==> flow/design.v <==
module shifter_v2 #(
  parameter integer W = 32,
  parameter integer SBITS = $clog2(W)
) (
  input  logic clock,
  input  logic [W-1:0] d,
  input  logic [W-1:0] B,
  input  logic [SBITS-1:0] dist_in,
  output logic [W-1:0] result
);
  logic [W-1:0] d_r;
  logic [W-1:0] B_r;
  logic [SBITS-1:0] dist_in_r;
  logic [2*W-1:0] cur;
  assign cur = {B_r, d_r} >> dist_in_r;
  assign result = cur[W-1:0];
  always_ff @(posedge clock) begin
    d_r <= d;
    B_r <= B;
    dist_in_r <= dist_in;
  end
endmodule
==> Step by step through the tools: shifter_v2 <==
What the tools print for shifter_v2, step after step.
Line numbers count from 1 in the design file above.
Cell names lack the library's common part.
{ "setup": {"top_module": "shifter_v2", "clock": "clock", "lib": "sky130hd", "pvt_corner": "tt_025C_1v80"} }

==> Word-level counts <==
Source: Yosys, flattened and elaborated, memories not mapped. Widths are those after wreduce; folded enables and synchronous resets count as part of the registers. Registers that Yosys merges into a memory's read port (data or address) are not register bits. Print and check cells do not count. Equal cells are merged and count once.
{ "op_classes": {"shift": 1} }
{ "op_table": {"columns": ["cell", "n"], "rows": [
  ["right shift 64 x 5 -> 32 bit", 1]
]} }
{ "word_totals": {"elab_cells": 4, "input_bits": 70, "output_inout_bits": 32, "reg_bits": 69} }

==> Logic depth <==
Depth = most cells in a row (Yosys ltp): at word level without a register or memory, in the mapped netlist without a sequential cell, where the memories' decode and read muxes count.
{ "logic_depth": {"depth_word": 1, "abc_area": 0, "depth_mapped": 9, "depth_no_buf": 4} }

==> Synthesis result <==
The flow's flattened synthesis, as Yosys stat reports it; memories are mapped. The netlist is that of the ABC_AREA named above (0 if unset); the other value can give another one.
{ "synth_totals": {"buffers": 33, "stdcells": 423, "seqArea_um2": 1361.3, "area_um2": 4638.2, "ffs": 68} }
{ "by_type": {"columns": ["cell_type", "n", "area_total_um2"], "rows": [
  ["dfxtp_1", 68, 1.36E+03],
  ["mux2i_1", 79, 790.758],
  ["mux4_2", 22, 495.475],
  ["mux2_2", 38, 427.91],
  ["a22oi_1", 25, 187.68],
  ["o221ai_1", 15, 131.376],
  ["o22a_1", 15, 131.376],
  ["a2bb2oi_1", 11, 96.342],
  ["nand2_1", 22, 82.579],
  ["o211ai_1", 9, 67.565],
  ["mux2_4", 4, 60.058],
  ["nand3_1", 11, 55.053],
  ["buf_4", 7, 52.55],
  ["mux4_1", 2, 52.55],
  ["buf_2", 9, 45.043],
  ["o2111ai_1", 5, 43.792],
  ["clkbuf_1", 11, 41.29],
  ["buf_12", 2, 40.038]
]} }
Other cell types: 30; their cells: 68.

==> Path before layout <==
Source: OpenSTA report_checks on the synthesized netlist (no wires, ideal clock, input and output delay 20% of the period each), path of least setup slack; recovery checks are left aside. Register names are those of the netlist, which keeps one name where synthesis merged equal registers.
{ "synth_timing": {"kind": "register -> output", "from": "reg dist_in_r[0]", "to": "out result[1]", "path_buffers": 2, "tclk_ns": 3.02, "stages": 7, "setup_slack_ns": 0.483, "t_required_ns": 2.416, "out_delay_ns": 0.604, "t_first_pin_ns": 0.000, "delay_ns": 1.933, "arrival_time_ns": 1.933, "synth_period_reached_ns": 2.537} }
"delay_ns" = arrival - input delay + setup time.
At an output port there is no setup time.
"stages" counts driving pins, that of a launching flip-flop among them; a cell with two outputs on the path counts twice.
"synth_period_reached_ns" = period - worst setup slack (recovery checks aside). The figure is calculated, with input and output delays left at 20% of the set period.
Between the ends stands the longest chain of elaborated cells between them, by number of cells; it is not shown to be the way that was timed. Of several equally long chains one is given.
A line is the first line of the expression or statement that the cell stems from. Yosys adds cells for indexed reads and writes and turns some case tables into memories.
{ "synth_between": {"path_cell_list": "dfxtp_1 buf_6 buf_2 mux4_2 mux2_4 a222oi_1 nand3_1", "elab_chain_cells": 1, "cells_between": 1, "cone_lines": 1, "classes_between": "shift (1)"} }
{ "synth_lines": {"columns": ["item", "line_no", "rtl"], "rows": [
  ["from (decl)", 13, "logic [SBITS-1:0] dist_in_r;"],
  ["from (assign)", 20, "dist_in_r <= dist_in;"],
  ["right shift 64 x 5 -> 32 bit", 15, "assign cur = {B_r, d_r} >> dist_in_r;"],
  ["to (decl)", 9, "output logic [W-1:0] result"]
]} }

==> Timing after layout <==
Path of least setup slack in the final report of flow run 1 (OpenROAD, finished layout, wires in). Where an end is a register, its clock arrival counts in the times.
{ "layout_timing": {"kind": "register -> output", "from": "reg dist_in_r[0]", "to": "out result[12]", "stages": 7, "t_required_ns": 2.42, "arrival_time_ns": 2.54, "t_first_pin_ns": 0.34, "out_delay_ns": 0.60, "path_buffers": 2, "setup_slack_ns": -0.13, "tclk_ns": 3.02} }
Between the ends stands the longest chain of elaborated cells between them, by number of cells; it is not shown to be the way that was timed. Of several equally long chains one is given.
{ "layout_between": {"path_cell_list": "dfxtp_4 buf_6 mux2_4 mux4_2 a32o_1 or3_1 buf_2", "elab_chain_cells": 1, "cells_between": 1, "cone_lines": 1, "classes_between": "shift (1)"} }
{ "layout_lines": {"columns": ["item", "line_no", "rtl"], "rows": [
  ["from (decl)", 13, "logic [SBITS-1:0] dist_in_r;"],
  ["from (assign)", 20, "dist_in_r <= dist_in;"],
  ["right shift 64 x 5 -> 32 bit", 15, "assign cur = {B_r, d_r} >> dist_in_r;"],
  ["to (decl)", 9, "output logic [W-1:0] result"]
]} }

Wiki page: shifter_v2 / flow data

Measured results for shifter_v2: 3 stored runs of the Yosys and OpenROAD flow on sky130hd. The settings differ; the order carries no meaning. The constraints put input and output delay at 20% of the set period each and load the outputs with 0.01 pF.
By "achieved clock period (ns)" is meant the clock period of the run minus its worst setup slack. This is arithmetic on one report: input and output delays are still those of the set period (20% each).
By "worst setup path time (ns)" is meant the share of the clock period that the worst setup path is allowed (20% is reserved at inputs, 20% at outputs), minus its slack. Clock arrival times at its registers enter into it.
"finish__power__total": no workload was simulated; the value follows from the tool's default switching activity.

settings of flow run 1
{
  "period_ns": 3.02,
  "CAP_MARGIN": 20,
  "CORE_MARGIN": 2,
  "CORE_UTILIZATION": 40,
  "SLEW_MARGIN": 20
}
report of flow run 1
yosys chip area after synthesis (um^2): 4638.2
finish__design__die__area: 12472.4
finish__design__instance__area__stdcell: 7185.6
finish__design__instance__utilization: 0.6320
finish__timing__setup__ws: -0.128
finish__timing__setup__tns: -1.195
finish__timing__hold__ws: 0.691
finish__power__total: 3.146e-03
achieved clock period (ns): 3.148
worst setup path time (ns): 2.54
worst setup path kind: register -> output

settings of flow run 2
{
  "period_ns": 2.51,
  "CORE_UTILIZATION": 15,
  "PLACE_DENSITY_LB_ADDON": 0.2,
  "CORE_ASPECT_RATIO": 1.0,
  "CELL_PAD_IN_SITES_GLOBAL_PLACEMENT": 2,
  "SLEW_MARGIN": 0,
  "MIN_ROUTING_LAYER": "met1",
  "MAX_ROUTING_LAYER": "met5",
  "CAP_MARGIN": 20,
  "CORE_MARGIN": 2
}
report of flow run 2
yosys chip area after synthesis (um^2): 4638.2
finish__design__die__area: 32344.2
finish__design__instance__area__stdcell: 8572.0
finish__design__instance__utilization: 0.2810
finish__timing__setup__ws: -0.559
finish__timing__setup__tns: -14.126
finish__timing__hold__ws: 0.587
finish__power__total: 4.387e-03
achieved clock period (ns): 3.069
worst setup path time (ns): 2.57
worst setup path kind: register -> output

settings of flow run 3
{
  "period_ns": 2.19,
  "CORE_UTILIZATION": 59,
  "PLACE_DENSITY_LB_ADDON": 0.02,
  "CELL_PAD_IN_SITES_DETAIL_PLACEMENT": 1,
  "TNS_END_PERCENT": 100,
  "ABC_AREA": 1,
  "CAP_MARGIN": 20,
  "MIN_ROUTING_LAYER": "met1",
  "CORE_MARGIN": 2,
  "SLEW_MARGIN": 20
}
report of flow run 3: did not finish, place, DPL-0033
